==> flow/design.v <==
module shifter_stage #(
    parameter DATA_W = 8,
    parameter LG = $clog2(DATA_W)
) (
    input wire clk,
    input wire rst_i,
    input wire [DATA_W-1:0] din,
    input wire [LG-1:0] sh,
    output reg [DATA_W-1:0] res
);
    wire [2*DATA_W-1:0] cur;
    assign cur = {din, din} >> sh;
    always @(posedge clk) begin
        if (rst_i) begin
            res <= 0;
        end else begin
            res <= cur[DATA_W-1:0];
        end
    end
endmodule
# [From RTL to reports: shifter_stage]
# Tool output for the members of one design family, told apart by "DATA_W", in the order of the flow.
# The file above is the member DATA_W = 8. Line numbers count from 1 in each member's own file.
# A cell with - has no value.
[design] top_module="shifter_stage" clock_port="clk" lib="sky130hd" pvt_corner="tt_025C_1v80"

# [Source of the members]
# Lines of each other member's file that are new or changed against the file above; lines that a member lacks are not shown.
[src_changes] DATA_W=14 line=2 rtl="parameter DATA_W = 14,"
[src_changes] DATA_W=16 line=2 rtl="parameter DATA_W = 16,"
[src_changes] DATA_W=20 line=2 rtl="parameter DATA_W = 20,"

# [After elaboration]
# Counts by Yosys on the flattened word-level netlist (proc, flatten, opt, wreduce; memories kept). Register bits leave out memories and registers merged into their read ports (data or address); mux counts leave out enables and synchronous resets folded into registers. Print and check cells are left out. Cells with the same type and inputs are merged into one.
[bits] DATA_W=8 out_inout_bits=8 inputBits=13 wordCells=2 ff_bits=8
[bits] DATA_W=14 out_inout_bits=14 inputBits=20 wordCells=2 ff_bits=14
[bits] DATA_W=16 out_inout_bits=16 inputBits=22 wordCells=2 ff_bits=16
[bits] DATA_W=20 out_inout_bits=20 inputBits=27 wordCells=2 ff_bits=20
[classes] DATA_W=8 n_shift=1
[classes] DATA_W=14 n_shift=1
[classes] DATA_W=16 n_shift=1
[classes] DATA_W=20 n_shift=1
[op_table] DATA_W=8 operators="1 x right shift 16 x 3 -> 8 bit"
[op_table] DATA_W=14 operators="1 x right shift 28 x 4 -> 14 bit"
[op_table] DATA_W=16 operators="1 x right shift 32 x 4 -> 16 bit"
[op_table] DATA_W=20 operators="1 x right shift 40 x 5 -> 20 bit"

# [Depth]
# Yosys ltp: most cells in a row. Word level: on the elaborated netlist, between registers, memories and ports. Mapped: between sequential cells and ports; inverters and the memories' decode and read muxes count.
[logic_depth] DATA_W=8 word_depth=1 abc_area=0 depth_mapped=4 mapped_depth_nobuf=3
[logic_depth] DATA_W=14 word_depth=1 abc_area=0 depth_mapped=5 mapped_depth_nobuf=3
[logic_depth] DATA_W=16 word_depth=1 abc_area=0 depth_mapped=5 mapped_depth_nobuf=3
[logic_depth] DATA_W=20 word_depth=1 abc_area=0 depth_mapped=8 mapped_depth_nobuf=5

# [After synthesis]
# Source: synth_stat.txt of the flow (Yosys; design flattened, memories mapped). It holds for the ABC_AREA given above (unset counts as 0); a run with the other value may have another netlist.
[synth_totals] DATA_W=8 area_um2=473.0 seq_area_um2=160.2 cell_count=49 buffers=5 flip_flops=8
[synth_totals] DATA_W=14 area_um2=980.9 seq_area_um2=280.3 cell_count=72 buffers=8 flip_flops=14
[synth_totals] DATA_W=16 area_um2=1066.0 seq_area_um2=320.3 cell_count=76 buffers=10 flip_flops=16
[synth_totals] DATA_W=20 area_um2=2332.2 seq_area_um2=400.4 cell_count=254 buffers=24 flip_flops=20
[types] DATA_W=8 type_list="8 x sky130_fd_sc_hd__dfxtp_1; 8 x sky130_fd_sc_hd__mux2_4; 16 x sky130_fd_sc_hd__o22ai_1; 8 x sky130_fd_sc_hd__nor3_1; 2 x sky130_fd_sc_hd__nand2b_1; 1 x sky130_fd_sc_hd__buf_6; 2 x sky130_fd_sc_hd__buf_2; 1 x sky130_fd_sc_hd__or2_2; 1 x sky130_fd_sc_hd__clkbuf_2; 1 x sky130_fd_sc_hd__buf_1; 1 x sky130_fd_sc_hd__nand2_1"
[types] DATA_W=14 type_list="12 x sky130_fd_sc_hd__mux4_1; 14 x sky130_fd_sc_hd__dfxtp_1; 14 x sky130_fd_sc_hd__mux2i_1; 12 x sky130_fd_sc_hd__o22ai_1; 2 x sky130_fd_sc_hd__mux4_2; 2 x sky130_fd_sc_hd__buf_4; 1 x sky130_fd_sc_hd__buf_8; 1 x sky130_fd_sc_hd__buf_6; 3 x sky130_fd_sc_hd__clkbuf_1; 1 x sky130_fd_sc_hd__o211a_1; 1 x sky130_fd_sc_hd__o32ai_1; 1 x sky130_fd_sc_hd__a22oi_1; 1 x sky130_fd_sc_hd__nand3b_1; 1 x sky130_fd_sc_hd__nor3b_1; 1 x sky130_fd_sc_hd__nand2b_1; 1 x sky130_fd_sc_hd__or2_2; 1 x sky130_fd_sc_hd__buf_2; 1 x sky130_fd_sc_hd__nor3_1; [+2]"
[types] DATA_W=16 type_list="16 x sky130_fd_sc_hd__dfxtp_1; 12 x sky130_fd_sc_hd__mux4_1; 16 x sky130_fd_sc_hd__mux2i_1; 16 x sky130_fd_sc_hd__o22ai_1; 4 x sky130_fd_sc_hd__mux4_2; 1 x sky130_fd_sc_hd__buf_12; 4 x sky130_fd_sc_hd__clkbuf_1; 1 x sky130_fd_sc_hd__buf_6; 2 x sky130_fd_sc_hd__buf_2; 1 x sky130_fd_sc_hd__buf_4; 1 x sky130_fd_sc_hd__nand2b_1; 1 x sky130_fd_sc_hd__or2_2; 1 x sky130_fd_sc_hd__buf_1"
[types] DATA_W=20 type_list="20 x sky130_fd_sc_hd__dfxtp_1; 36 x sky130_fd_sc_hd__mux2i_1; 13 x sky130_fd_sc_hd__mux4_2; 22 x sky130_fd_sc_hd__mux2_2; 22 x sky130_fd_sc_hd__nand2_1; 22 x sky130_fd_sc_hd__nor2_1; 5 x sky130_fd_sc_hd__mux2_4; 14 x sky130_fd_sc_hd__o21ai_0; 2 x sky130_fd_sc_hd__mux4_1; 10 x sky130_fd_sc_hd__a21oi_1; 8 x sky130_fd_sc_hd__o22ai_1; 8 x sky130_fd_sc_hd__buf_2; 5 x sky130_fd_sc_hd__a211oi_1; 5 x sky130_fd_sc_hd__o211ai_1; 3 x sky130_fd_sc_hd__buf_6; 9 x sky130_fd_sc_hd__clkbuf_1; 3 x sky130_fd_sc_hd__a22o_1; 4 x sky130_fd_sc_hd__nor2b_1; [+43]"
# A list marked [+n] leaves out that many cells.

# [Timing after synthesis]
# OpenSTA on the mapped netlist: ideal clock, no wires. The path of least setup slack (recovery checks aside). Input and output delay are each 20% of the period. Register names are those of the netlist, which keeps one name where synthesis merged equal registers.
[synth_path] DATA_W=8 kind="input-to-reg" start="in sh[2]" end="reg res[6]" path_delay_ns=0.783 clock_period_ns=1.22 path_stages=4 path_slack_ns=0.193 period_less_setup_slack_ns=1.027
[synth_path] DATA_W=14 kind="input-to-reg" start="in sh[2]" end="reg res[6]" path_delay_ns=1.164 clock_period_ns=1.82 path_stages=4 path_slack_ns=0.293 period_less_setup_slack_ns=1.527
[synth_path] DATA_W=16 kind="input-to-reg" start="in sh[2]" end="reg res[5]" path_delay_ns=1.140 clock_period_ns=1.78 path_stages=4 path_slack_ns=0.283 period_less_setup_slack_ns=1.497
[synth_path] DATA_W=20 kind="input-to-reg" start="in sh[1]" end="reg res[15]" path_delay_ns=1.519 clock_period_ns=2.37 path_stages=7 path_slack_ns=0.376 period_less_setup_slack_ns=1.994
# "path_delay_ns" is the arrival time less input delay plus setup time.
# "path_stages" counts driving pins, that of a launching flip-flop among them; a cell with two outputs on the path counts twice.
# "period_less_setup_slack_ns" = period - worst setup slack (recovery checks aside). The figure is calculated, with input and output delays left at 20% of the set period.
# The rows between start and end are the longest chain of elaborated cells between them; the timing report does not say that the signal goes this way. Where chains are equally long, one stands for them.
# Each line given opens the expression or statement behind the cell; cells for indexed reads and writes are added by Yosys, which also makes memories of some case tables.
[synth_via_DATA_W_8] elab_chain_cells=1
[synth_lines_DATA_W_8] item="from (decl)" line=8 rtl="input wire [LG-1:0] sh,"
[synth_lines_DATA_W_8] item="right shift 16 x 3 -> 8 bit" line=12 rtl="assign cur = {din, din} >> sh;"
[synth_lines_DATA_W_8] item="to (assign)" line=15 rtl="res <= 0;"
[synth_lines_DATA_W_8] item="to (assign)" line=17 rtl="res <= cur[DATA_W-1:0];"
[synth_lines_DATA_W_8] item="to (decl)" line=9 rtl="output reg [DATA_W-1:0] res"
[synth_via_DATA_W_20] elab_chain_cells=1
[synth_lines_DATA_W_20] item="from (decl)" line=8 rtl="input wire [LG-1:0] sh,"
[synth_lines_DATA_W_20] item="right shift 40 x 5 -> 20 bit" line=12 rtl="assign cur = {din, din} >> sh;"
[synth_lines_DATA_W_20] item="to (assign)" line=15 rtl="res <= 0;"
[synth_lines_DATA_W_20] item="to (assign)" line=17 rtl="res <= cur[DATA_W-1:0];"
[synth_lines_DATA_W_20] item="to (decl)" line=9 rtl="output reg [DATA_W-1:0] res"

# [Path in the finished layout]
# From the final timing report of the run of each member: the path of least setup slack in the routed layout; clock arrival at registers is part of the times.
[layout_path] DATA_W=8 kind="input-to-reg" start="in sh[2]" end="reg res[0]" clock_period_ns=1.22 path_stages=5 t_arrival_ns=1.22 path_slack_ns=0.11
[layout_path] DATA_W=14 kind="input-to-reg" start="in sh[2]" end="reg res[7]" clock_period_ns=1.82 path_stages=5 t_arrival_ns=1.92 path_slack_ns=0.03
[layout_path] DATA_W=16 kind="input-to-reg" start="in sh[2]" end="reg res[6]" clock_period_ns=1.78 path_stages=5 t_arrival_ns=1.91 path_slack_ns=0.02
[layout_path] DATA_W=20 kind="input-to-reg" start="in din[19]" end="reg res[1]" clock_period_ns=2.37 path_stages=6 t_arrival_ns=2.27 path_slack_ns=0.26

# [Layout results]
# One run of the flow (Yosys, OpenROAD) for each member, with settings and measured results. Input and output delays are each 20% of the period that was set; the output load is 0.01 pF.
[flow_settings] CAP_MARGIN=20 CORE_MARGIN=2 CORE_UTILIZATION=40 SLEW_MARGIN=20
[settings_diff] DATA_W=8 period_ns=1.22
[settings_diff] DATA_W=14 period_ns=1.82
[settings_diff] DATA_W=16 period_ns=1.78
[settings_diff] DATA_W=20 period_ns=2.37
[measured] DATA_W=8 post_route_stdcell_area_um2=723.2 power_total_mw=0.7035 timing.setup.tns_ns=0.000 period_reached_ns=1.109 final_die_area_um2=1473.4 yosys_chip_area_um2=473.0 setup_ws_ns=0.111
[measured] DATA_W=14 post_route_stdcell_area_um2=1396.3 power_total_mw=0.8557 timing.setup.tns_ns=0.000 period_reached_ns=1.788 final_die_area_um2=2864.4 yosys_chip_area_um2=980.9 setup_ws_ns=0.032
[measured] DATA_W=16 post_route_stdcell_area_um2=1524.0 power_total_mw=0.9682 timing.setup.tns_ns=0.000 period_reached_ns=1.765 final_die_area_um2=3094.1 yosys_chip_area_um2=1066.0 setup_ws_ns=0.015
[measured] DATA_W=20 post_route_stdcell_area_um2=3221.8 power_total_mw=1.309 timing.setup.tns_ns=0.000 period_reached_ns=2.114 final_die_area_um2=6457.7 yosys_chip_area_um2=2332.2 setup_ws_ns=0.256
# "period_reached_ns" = clock period - worst setup slack. The figure is calculated, with input and output delays left at 20% of the set period.
# "power_total_mw": no workload was simulated; the value follows from the tool's default switching activity.
